==> flow/design.v <==
module comparator_blk #(
    parameter integer W = 56
) (
    input  logic sys_clk,
    input  logic [W-1:0] i_A,
    input  logic [W-1:0] i_B,
    output logic o_is_eq
);
    logic [W-1:0] r_A;
    always_ff @(posedge sys_clk) begin
        r_A <= i_A;
    end
    logic [W-1:0] r_B;
    always_ff @(posedge sys_clk) begin
        r_B <= i_B;
    end
    logic [W-1:0] nxt;
    assign nxt = r_A ^ r_B;
    always_ff @(posedge sys_clk) begin
        o_is_eq <= (nxt == 0);
    end
endmodule
# Step by step through the tools: comparator_blk
# What the tools print for comparator_blk, step after step.
# Lines are those of the file above, counted from 1.
# A cell with n/a has no value.
# design
top	comparator_blk
clock	sys_clk
cell_library	sky130hd
lib_corner	tt_025C_1v80

# Word-level counts
# Yosys after proc, flatten, opt, wreduce and memory -nomap, before mapping. Enables and synchronous resets that opt folds into registers are not counted as muxes. Memory bits, and registers merged into a memory's read port (data or address), are not among the register bits. Print and check cells are not counted. Equal cells are merged and count once.
# op_classes
bitwise	1
reduce_and_logical	1
# ops
op	count
bitwise XOR 56 bit	1
logical NOT 56 bit	1
# bits
register_bits	113
wordCells	5

# Logic depth
# Longest topological path by Yosys (ltp), each cell counted once; first at word level (registers and memories cut), then after technology mapping (sequential cells cut; the memories' decode and read muxes count).
# logic_depth
ltp_word	2
ABC_AREA	0
depth_mapped	4
ltp_nobuf	4

# After synthesis
# Source: synth_stat.txt of the flow (Yosys; design flattened, memories mapped). It holds for the ABC_AREA given above (unset counts as 0); a run with the other value may have another netlist.
# Totals and module areas in this step are rounded.
# synth_totals
cell_count	188
area_um2	2900
flip_flops	113
buffers	0
# by_type
type	count	area_total_um2
sky130_fd_sc_hd__dfxtp_1	113	2262.17
sky130_fd_sc_hd__xor2_1	56	490.47
sky130_fd_sc_hd__nor4_1	14	87.584
sky130_fd_sc_hd__nand4_1	3	18.768
sky130_fd_sc_hd__nor4_2	1	12.512
sky130_fd_sc_hd__nand2_1	1	3.754

# Timing after synthesis
# Source: OpenSTA report_checks on the synthesized netlist (no wires, ideal clock, input and output delay 20% of the period each), path of least setup slack; recovery checks are left aside. Register names are those of the netlist, which keeps one name where synthesis merged equal registers.
# synth_path
kind	register to register
start	register r_B[44]
end	register o_is_eq
tclk_ns	1.44
t_first_pin_ns	0.000
arrival_ns	1.060
t_required_ns	1.352
slack_ns	0.292
delay_ns	1.148
path_stages	5
period_less_setup_slack_ns	1.148
# "delay_ns" = arrival - input delay + setup time.
# "path_stages": output pins that drive a net of the path, with the launching flip-flop's if there is one; two outputs of one cell count as two.
# "period_less_setup_slack_ns" is the clock period less the worst setup slack; recovery checks do not enter. This is arithmetic on one report: input and output delays are still those of the set period (20% each).
# The rows between start and end are the longest chain of elaborated cells between them; the timing report does not say that the signal goes this way. Where chains are equally long, one stands for them.
# Each line given opens the expression or statement behind the cell; cells for indexed reads and writes are added by Yosys, which also makes memories of some case tables.
# synth_between
cell_sequence	sky130_fd_sc_hd__dfxtp_1 -> sky130_fd_sc_hd__xor2_1 -> sky130_fd_sc_hd__nor4_1 -> sky130_fd_sc_hd__nand4_1 -> sky130_fd_sc_hd__nor4_2
elab_chain_len	2
cells_between	2
cone_lines	2
cone_classes	1 x logic; 1 x reduce/logical
# synth_lines
item	line	rtl
start, declared	13	logic [W-1:0] r_B;
start, assigned	15	r_B <= i_B;
bitwise XOR 56 bit	18	assign nxt = r_A ^ r_B;
logical NOT 56 bit	20	o_is_eq <= (nxt == 0);
end, assigned	20
end, declared	7	output logic o_is_eq

# Worst path after layout
# From the final timing report of record 1: the path of least setup slack in the routed layout; clock arrival at registers is part of the times.
# layout_path
kind	register to output
start	register o_is_eq
end	output o_is_eq
tclk_ns	1.44
t_first_pin_ns	0.48
arrival_ns	1.08
t_required_ns	1.15
slack_ns	0.07
path_stages	2
# layout_between
cell_sequence	sky130_fd_sc_hd__dfxtp_1 -> sky130_fd_sc_hd__dlygate4sd2_1
elab_chain_len	0
cells_between	0
cone_lines	0
# layout_lines
item	line	rtl
start, declared	7	output logic o_is_eq
start, assigned	20	o_is_eq <= (nxt == 0);
end, declared	7

# Measured results for comparator_blk: 3 stored runs of the Yosys and OpenROAD flow on sky130hd. The settings differ; the order carries no meaning. The constraints put input and output delay at 20% of the set period each and load the outputs with 0.01 pF.
# "timing.achieved_period_ns" is the run's clock period less its worst setup slack. It is reckoned from that one timing run; input and output delays stay at 20% of the period that was set.
# By "worst_setup_path_time_ns" is meant the share of the clock period that the worst setup path is allowed (20% is reserved at inputs, 20% at outputs), minus its slack. Clock arrival times at its registers enter into it.
# "final_power_uw": no workload was simulated; the value follows from the tool's default switching activity.
# Measured values are rounded.
# A setting shown as . is not set for that run.
# A result given as . is not shown for that run.
stored run	period_ns	CAP_MARGIN	CORE_MARGIN	CORE_UTILIZATION	SLEW_MARGIN	SETUP_SLACK_MARGIN	PLACE_DENSITY	CELL_PAD_IN_SITES_GLOBAL_PLACEMENT	TNS_END_PERCENT	CTS_CLUSTER_DIAMETER	PLACE_DENSITY_LB_ADDON	GPL_TIMING_DRIVEN	CTS_CLUSTER_SIZE	synthArea_um2	total_die_area_um2	cell_area_final_um2	post_route_util_pct	final_setup_ws_ns	timing.setup.tns_ns	hold_worst_slack_ns	final_power_uw	timing.achieved_period_ns	worst_setup_path_time_ns	worstPathKind
record 1	1.44	20	2	40	20	.	.	.	.	.	.	.	.	2900	7900	4700	68	0.067	0.000	0.24	7500	1.373	1.08	register to output
record 2	0.866	30	8	57	10	0.07	0.93	3	85	297	.	.	.	.	.	.	.	.	.	.	.	.	.	.
record 3	2.21	15	2	72	20	.	.	.	.	.	0.22	1	72	.	.	.	.	.	.	.	.	.	.	.
# Record 2: incomplete, placement halted on GPL-0301
# Record 3: incomplete, placement halted on FLW-0024
